==> flow/design.v <==
module sync_mem_n #(
   parameter NREGS = 48,
   parameter W = 16,
   parameter IDX_W = $clog2(NREGS),
   parameter NB = W / 8
) (
   input wire clk_i,
   input wire [NB-1:0] byte_en,
   input wire [IDX_W-1:0] write_addr,
   input wire [W-1:0] write_data,
   input wire [IDX_W-1:0] rd_addr,
   output wire [W-1:0] dout
);
   reg [W-1:0] bank [0:NREGS-1];
   integer i;
   always @(posedge clk_i) begin
      for (i = 0; i < NB; i = i + 1)
         if (byte_en[i]) bank[write_addr][8*i +: 8] <= write_data[8*i +: 8];
   end
   assign dout = bank[rd_addr];
endmodule
== Step by step through the tools: sync_mem_n ==
A sweep over "W": the same steps for each member of the family.
The file above is the member W=16. Line numbers count from 1 in each member's own file.
Library cell names are shortened.
Not given: --

* Top: sync_mem_n
* Clock: clk_i
* Cell library: sky130hd
* Corner: tt_025C_1v80

== Members of the sweep ==
New or changed lines of each further member against the RTL above, in its own file; lines it lacks are not shown.

{| class="wikitable"
|+ New or changed lines
! W !! RTL line !! RTL
|-
| 24 || 3 || <nowiki>parameter W = 24,</nowiki>
|-
| 32 || 3 || <nowiki>parameter W = 32,</nowiki>
|-
| 48 || 3 || <nowiki>parameter W = 48,</nowiki>
|}

== Elaborated design ==
Counts by Yosys on the flattened word-level netlist (proc, flatten, opt, wreduce; memories kept). Register bits leave out memories and registers merged into their read ports (data or address); mux counts leave out enables and synchronous resets folded into registers. Print and check cells are left out. Cells with the same type and inputs are merged into one.
Memory sizes are those after Yosys's memory passes, which may raise the word count (mostly to a power of two), join words into wider ones and drop unused or constant bits.

{| class="wikitable"
|+ Storage and ports
! W !! bits in writable memories !! elaborated cells !! memories kept !! output and inout port bits !! input port bits !! register bits after elaboration
|-
| 16 || 768 || 5 || 1 || 16 || 31 || 0
|-
| 24 || 1152 || 7 || 1 || 24 || 40 || 0
|-
| 32 || 1536 || 9 || 1 || 32 || 49 || 0
|-
| 48 || 2304 || 13 || 1 || 48 || 67 || 0
|}

{| class="wikitable"
|+ Cells by class
! W !! muxes and demuxes
|-
| 16 || 4
|-
| 24 || 6
|-
| 32 || 8
|-
| 48 || 12
|}

{| class="wikitable"
|+ Memory list
! W !! words x width with read and write ports
|-
| 16 || bank 48x16 r1 w1
|-
| 24 || bank 48x24 r1 w1
|-
| 32 || bank 48x32 r1 w1
|-
| 48 || bank 48x48 r1 w1
|}

{| class="wikitable"
|+ Operators with widths
! W !! kind and count
|-
| 16 || 2 x 16-bit two-way mux; 2 x 1-bit two-way mux
|-
| 24 || 3 x 24-bit two-way mux; 3 x 1-bit two-way mux
|-
| 32 || 4 x 32-bit two-way mux; 4 x 1-bit two-way mux
|-
| 48 || 6 x 48-bit two-way mux; 6 x 1-bit two-way mux
|}

== Longest topological paths ==
Longest topological path by Yosys (ltp), each cell counted once; first at word level (registers and memories cut), then after technology mapping (sequential cells cut; the memories' decode and read muxes count).

{| class="wikitable"
|+ Logic depth
! W !! word-level depth !! ABC_AREA !! mapped depth !! depth with buffers taken out
|-
| 16 || 1 || 0 || 9 || 5
|-
| 24 || 1 || 0 || 9 || 5
|-
| 32 || 1 || 0 || 9 || 5
|-
| 48 || 1 || 0 || 10 || 5
|}

== After synthesis ==
Yosys stat after the flow's synthesis: flattened, memories mapped to cells. It holds for the ABC_AREA given above (unset counts as 0); a run with the other value may have another netlist.

{| class="wikitable"
|+ Synthesis totals
! W !! buffers !! cell count !! sequential area (um^2) !! synthesis area (um^2) !! mapped flip-flops
|-
| 16 || 92 || 1535 || 23062.1 || 30152.7 || 768
|-
| 24 || 149 || 2327 || 34593.2 || 45270.9 || 1152
|-
| 32 || 195 || 3083 || 46124.2 || 60754.5 || 1536
|-
| 48 || 239 || 4086 || 69186.4 || 89661.0 || 2304
|}

{| class="wikitable"
|+ Cells by type
! W !! type and count
|-
| 16 || 768 x edfxtp_1; 256 x mux2i_1; 80 x mux4_2; 64 x a22oi_1; 100 x nor2_1; 32 x a221oi_1; 32 x a22o_1; 16 x o41ai_2; 19 x buf_6; 32 x a21oi_1; 14 x buf_4; 16 x o22ai_1; 26 x clkbuf_1; 25 x nand2_1; 16 x buf_2; 17 x buf_1; 6 x nor2b_1; 7 x nand3_1; [+9]
|-
| 24 || 1152 x edfxtp_1; 384 x mux2i_1; 120 x mux4_2; 96 x a22oi_1; 146 x nor2_1; 48 x a221oi_1; 48 x a22o_1; 24 x o41ai_2; 74 x clkbuf_1; 48 x a21oi_1; 59 x nand2_1; 19 x buf_6; 24 x buf_4; 24 x o22ai_1; 20 x buf_2; 12 x buf_1; 4 x and3b_1; 3 x or3b_2; [+22]
|-
| 32 || 1536 x edfxtp_1; 512 x mux2i_1; 160 x mux4_2; 193 x and2_1; 128 x a22oi_1; 64 x a221oi_1; 64 x a22o_1; 32 x o41ai_2; 36 x buf_6; 93 x clkbuf_1; 64 x a21oi_1; 32 x o22ai_1; 51 x nor2_1; 23 x buf_4; 35 x nand2_1; 22 x buf_2; 20 x buf_1; 5 x nand3b_1; [+13]
|-
| 48 || 2304 x edfxtp_1; 543 x mux4_2; 220 x mux2i_1; 288 x and2_1; 97 x o22ai_1; 52 x o221ai_1; 108 x clkbuf_1; 59 x buf_2; 36 x buf_4; 62 x nor2_1; 42 x a21oi_1; 52 x nand2_1; 17 x o221a_2; 27 x o21ai_1; 10 x buf_6; 12 x o22a_1; 26 x buf_1; 18 x nand3_1; [+113]
|}

A list marked [+n] leaves out that many cells.

== Path before layout ==
Path of least setup slack by OpenSTA after synthesis, without wires, with an ideal clock, recovery checks aside; 20% of the period is set as input and as output delay. Where synthesis merged equal registers, the netlist keeps one of their names.

{| class="wikitable"
|+ Timing post-synthesis
! W !! path kind !! start !! end !! setup slack (ps) !! stages !! delay of the path (ps) !! clock period (ps) !! synthesis period reached (ps)
|-
| 16 || input-to-output || input rd_addr[0] || output dout[0] || 381 || 7 || 1521 || 3170 || 2789
|-
| 24 || input-to-output || input rd_addr[1] || output dout[10] || 418 || 7 || 1664 || 3470 || 3052
|-
| 32 || input-to-output || input rd_addr[1] || output dout[0] || 394 || 6 || 1568 || 3270 || 2876
|-
| 48 || input-to-output || input rd_addr[0] || output dout[12] || 466 || 9 || 1862 || 3880 || 3414
|}

"delay of the path" is the arrival time less input delay plus setup time.
At an output port there is no setup time.
"stages" counts driving pins, that of a launching flip-flop among them; a cell with two outputs on the path counts twice.
"synthesis period reached" is the clock period less the worst setup slack; recovery checks do not enter. This is arithmetic on one report: input and output delays are still those of the set period (20% each).
Between the ends stands the longest chain of elaborated cells between them, by number of cells; it is not shown to be the way that was timed. Of several equally long chains one is given.
A line is the first line of the expression or statement that the cell stems from. Yosys adds cells for indexed reads and writes and turns some case tables into memories.
A memory read counts as a cell of the chain, while the word-level depth stops at memories.

Between the ends, post-synthesis, W=16:
* Length of the longest elaborated chain: 1

{| class="wikitable"
|+ Ends and longest elaborated chain, post-synthesis, W=16
! what !! RTL line !! RTL
|-
| start, declared || 11 || <nowiki>input wire [IDX_W-1:0] rd_addr,</nowiki>
|-
| memory 48 x 16 bit || 14 || <nowiki>reg [W-1:0] bank [0:NREGS-1];</nowiki>
|-
| end, declared || 12 || <nowiki>output wire [W-1:0] dout</nowiki>
|}

Between the ends, post-synthesis, W=48:
* Length of the longest elaborated chain: 1

{| class="wikitable"
|+ Ends and longest elaborated chain, post-synthesis, W=48
! what !! RTL line !! RTL
|-
| start, declared || 11 || <nowiki>input wire [IDX_W-1:0] rd_addr,</nowiki>
|-
| memory 48 x 48 bit || 14 || <nowiki>reg [W-1:0] bank [0:NREGS-1];</nowiki>
|-
| end, declared || 12 || <nowiki>output wire [W-1:0] dout</nowiki>
|}

== Timing after layout ==
From the final timing report of the run of each member: the path of least setup slack in the routed layout; clock arrival at registers is part of the times.
The path's times are printed in steps of 10 ps; the period is the one set.

{| class="wikitable"
|+ Timing post-layout
! W !! path kind !! start !! end !! data arrival time (ps) !! clock period (ps) !! path buffers !! stages !! setup slack (ps)
|-
| 16 || input-to-output || input rd_addr[0] || output dout[11] || 2560 || 3170 || 5 || 9 || -20
|-
| 24 || input-to-output || input rd_addr[0] || output dout[23] || 2910 || 3470 || 5 || 9 || -130
|-
| 32 || input-to-output || input rd_addr[0] || output dout[13] || 2660 || 3270 || 6 || 10 || -40
|-
| 48 || input-to-output || input rd_addr[0] || output dout[9] || 3120 || 3880 || 8 || 12 || -20
|}

== Measured runs ==
Settings and results of one run of the flow (Yosys, OpenROAD) for each member follow. The constraints put input and output delay at 20% of the set period each and load the outputs with 0.01 pF.

* CAP_MARGIN: 20
* CORE_MARGIN: 2
* CORE_UTILIZATION: 40
* SLEW_MARGIN: 20

{| class="wikitable"
|+ Settings that differ
! W !! period_ns
|-
| 16 || 3.17
|-
| 24 || 3.47
|-
| 32 || 3.27
|-
| 48 || 3.88
|}

{| class="wikitable"
|+ Final reports
! W !! worst hold slack in the final report (ps) !! total power after layout (mW) !! setup slack of the critical path (ps) !! die outline area (um^2) !! clock period reached (ps) !! post-route setup TNS (ps) !! utilization in the final report !! cell area after synthesis (um^2) !! standard-cell area of the final layout (um^2)
|-
| 16 || 733 || 21.388 || -24 || 77592.9 || 3194 || -57 || 0.489 || 30152.7 || 36476.2
|-
| 24 || 696 || 29.399 || -130 || 115886.0 || 3600 || -361 || 0.486 || 45270.9 || 54546.1
|-
| 32 || 574 || 41.769 || -39 || 155019.0 || 3309 || -156 || 0.486 || 60754.5 || 73500.5
|-
| 48 || 535 || 52.017 || -17 || 227954.0 || 3897 || -17 || 0.481 || 89661.0 || 107063.0
|}

"clock period reached" is the run's clock period less its worst setup slack. It is reckoned from that one timing run; input and output delays stay at 20% of the period that was set.
"total power after layout" rests on the timing tool's default activity at the inputs, not on a simulated workload.
